==> flow/design.v <==
module u_switch #(
  parameter integer DATA_WIDTH = 10
) (
  input  wire aclk,
  input  wire rst,
  input  wire [DATA_WIDTH-1:0] i_d_0,
  input  wire [DATA_WIDTH-1:0] i_d_1,
  input  wire [DATA_WIDTH-1:0] i_d_2,
  input  wire [DATA_WIDTH-1:0] i_d_3,
  input  wire [DATA_WIDTH-1:0] i_d_4,
  input  wire [DATA_WIDTH-1:0] i_d_5,
  input  wire [4:0] i_idx,
  output wire [DATA_WIDTH-1:0] o_data_out
);
  reg [DATA_WIDTH-1:0] d_0_q;
  reg [DATA_WIDTH-1:0] d_1_q;
  reg [DATA_WIDTH-1:0] d_2_q;
  reg [DATA_WIDTH-1:0] d_3_q;
  reg [DATA_WIDTH-1:0] d_4_q;
  reg [DATA_WIDTH-1:0] d_5_q;
  reg [4:0] idx_q;
  reg [DATA_WIDTH-1:0] tmp;
  always @(*) begin
    casez (idx_q)
      5'b????1: tmp = d_0_q;
      5'b???10: tmp = d_1_q;
      5'b??100: tmp = d_2_q;
      5'b?1000: tmp = d_3_q;
      5'b10000: tmp = d_4_q;
      default: tmp = d_5_q;
    endcase
  end
  assign o_data_out = tmp;
  always @(posedge aclk) begin
    if (rst) begin
      d_0_q <= 0;
      d_1_q <= 0;
      d_2_q <= 0;
      d_3_q <= 0;
      d_4_q <= 0;
      d_5_q <= 0;
      idx_q <= 0;
    end else begin
      d_0_q <= i_d_0;
      d_1_q <= i_d_1;
      d_2_q <= i_d_2;
      d_3_q <= i_d_3;
      d_4_q <= i_d_4;
      d_5_q <= i_d_5;
      idx_q <= i_idx;
    end
  end
endmodule
# From RTL to reports: u_switch
# What the tools print for u_switch, step after step.
# Line numbers count from 1 in the design file above.
# Library cell names are shortened.
# A cell with - has no value.
# inputs
top	u_switch
clock	aclk
library	sky130hd
pvt_corner	tt_025C_1v80

# Elaborated design
# Counts by Yosys on the flattened word-level netlist (proc, flatten, opt, wreduce; memories kept). Register bits leave out memories and registers merged into their read ports (data or address); mux counts leave out enables and synchronous resets folded into registers. Print and check cells are left out. Cells with the same type and inputs are merged into one.
# bits
elab_cells	12
ff_bits	65
input_bits	67
# classes
n_mux	1
eq_ne	4
# op_table
op	count
10-bit case mux with 5-bit select	1
5-bit equality test (second input constant)	1
4-bit equality test (second input constant)	1
3-bit equality test (second input constant)	1
2-bit equality test (second input constant)	1

# Logic depth
# Longest topological path by Yosys (ltp), each cell counted once; first at word level (registers and memories cut), then after technology mapping (sequential cells cut; the memories' decode and read muxes count).
# depth
ltp_word	2
abc_area	0
mapped_depth	4
ltp_nobuf	3

# After synthesis
# Yosys stat after the flow's synthesis: flattened, memories mapped to cells. It holds for the ABC_AREA given above (unset counts as 0); a run with the other value may have another netlist.
# synth_totals
sequential_area_um2	1301.2
ff_cells	65
yosys_area_um2	2356.0
stdcells	218
buffers	15
# by_type
cell_type	count	type_area_um2
dfxtp_1	65	1.3E+03
nor2b_1	65	406.64
a2bb2oi_2	10	150.144
a22o_1	10	87.584
a22oi_1	10	75.072
nand3b_1	10	75.072
nand2b_1	11	68.816
a21oi_1	10	50.048
inv_1	10	37.536
clkbuf_1	9	33.782
nor4b_4	1	23.773
buf_2	4	20.019
dlymetal6s2s_1	1	12.512
buf_4	1	7.507
nor4_1	1	6.256

# Worst setup path after synthesis
# Source: OpenSTA report_checks on the synthesized netlist (no wires, ideal clock, input and output delay 20% of the period each), path of least setup slack; recovery checks are left aside. Register names are those of the netlist, which keeps one name where synthesis merged equal registers.
# synth_timing
kind	register -> output
from	reg idx_q[1]
to	out o_data_out[0]
clock_period_ns	1.8
setup_slack_ns	0.290
path_stages	4
t_required_ns	1.440
output_delay_ns	0.360
t_arrival_ns	1.150
launch_ns	0.000
delay_ns	1.150
period_less_setup_slack_ns	1.51
# "delay_ns" = arrival - input delay + setup time.
# At an output port there is no setup time.
# "path_stages" counts driving pins, that of a launching flip-flop among them; a cell with two outputs on the path counts twice.
# "period_less_setup_slack_ns" is the clock period less the worst setup slack; recovery checks do not enter. This is arithmetic on one report: input and output delays are still those of the set period (20% each).
# Between the ends stands the longest chain of elaborated cells between them, by number of cells; it is not shown to be the way that was timed. Of several equally long chains one is given.
# A line is the first line of the expression or statement that the cell stems from. Yosys adds cells for indexed reads and writes and turns some case tables into memories.
# synth_via
path_cell_list	dfxtp_1 nor4b_4 a22oi_1 a2bb2oi_2
elab_chain_len	2
# synth_lines
item	line_no	text
from (decl)	21	reg [4:0] idx_q;
from (assign)	42	idx_q <= 0;
from (assign)	50	idx_q <= i_idx;
5-bit equality test	24	casez (idx_q)
10-bit case mux with 5-bit select	24
to (decl)	13	output wire [DATA_WIDTH-1:0] o_data_out

# Path in the finished layout
# Path of least setup slack in the final report of flow run A (OpenROAD, finished layout, wires in). Where an end is a register, its clock arrival counts in the times.
# layout_timing
kind	register -> output
from	reg idx_q[3]
to	out o_data_out[3]
path_stages	8
setup_slack_ns	-0.21
t_arrival_ns	1.65
launch_ns	0.33
t_required_ns	1.44
output_delay_ns	0.36
clock_period_ns	1.8
# Between the ends stands the longest chain of elaborated cells between them, by number of cells; it is not shown to be the way that was timed. Of several equally long chains one is given.
# layout_via
path_cell_list	dfxtp_2 nor4_4 buf_4 buf_6 buf_6 a22oi_2 a2bb2oi_2 buf_2
elab_chain_len	2
# layout_lines
item	line_no	text
from (decl)	21	reg [4:0] idx_q;
from (assign)	42	idx_q <= 0;
from (assign)	50	idx_q <= i_idx;
5-bit equality test	24	casez (idx_q)
10-bit case mux with 5-bit select	24
to (decl)	13	output wire [DATA_WIDTH-1:0] o_data_out

# Module u_switch, platform sky130hd: 3 stored runs of the flow (Yosys, OpenROAD) with differing settings, in no particular order. Input and output delays are each 20% of the period that was set; the output load is 0.01 pF.
# Among the settings, n/a means not set for that run.
# A result given as n/a is not shown for that run.
run	period_ns	CAP_MARGIN	CORE_MARGIN	CORE_UTILIZATION	SLEW_MARGIN	SETUP_SLACK_MARGIN	HOLD_SLACK_MARGIN	CORE_ASPECT_RATIO	CELL_PAD_IN_SITES_GLOBAL_PLACEMENT	CELL_PAD_IN_SITES_DETAIL_PLACEMENT	GPL_TIMING_DRIVEN	CTS_CLUSTER_SIZE	PLACE_DENSITY_LB_ADDON	ABC_AREA	GPL_ROUTABILITY_DRIVEN	MAX_ROUTING_LAYER	fin_ws_ns	die_area_um2	post_synth_area_um2	hold_worst_slack_ns	final_cell_area_um2	layout_utilization_frac
flow run A	1.8	20	2	40	20	n/a	n/a	n/a	n/a	n/a	n/a	n/a	n/a	n/a	n/a	n/a	-0.207	6519.8	2356.0	0.493	3543.4	0.632
flow run B	1.2	20	2	37	10	-0.04	0.04	1.76	3	0	0	31	n/a	n/a	n/a	n/a	-0.700	7047.5	2356.0	0.259	3589.7	0.581
flow run C	1.97	20	2	62	20	n/a	n/a	n/a	n/a	1	1	n/a	0.1	0	0	met5	n/a	n/a	n/a	n/a	n/a	n/a
# Flow run C: incomplete, placement halted on DPL-0033
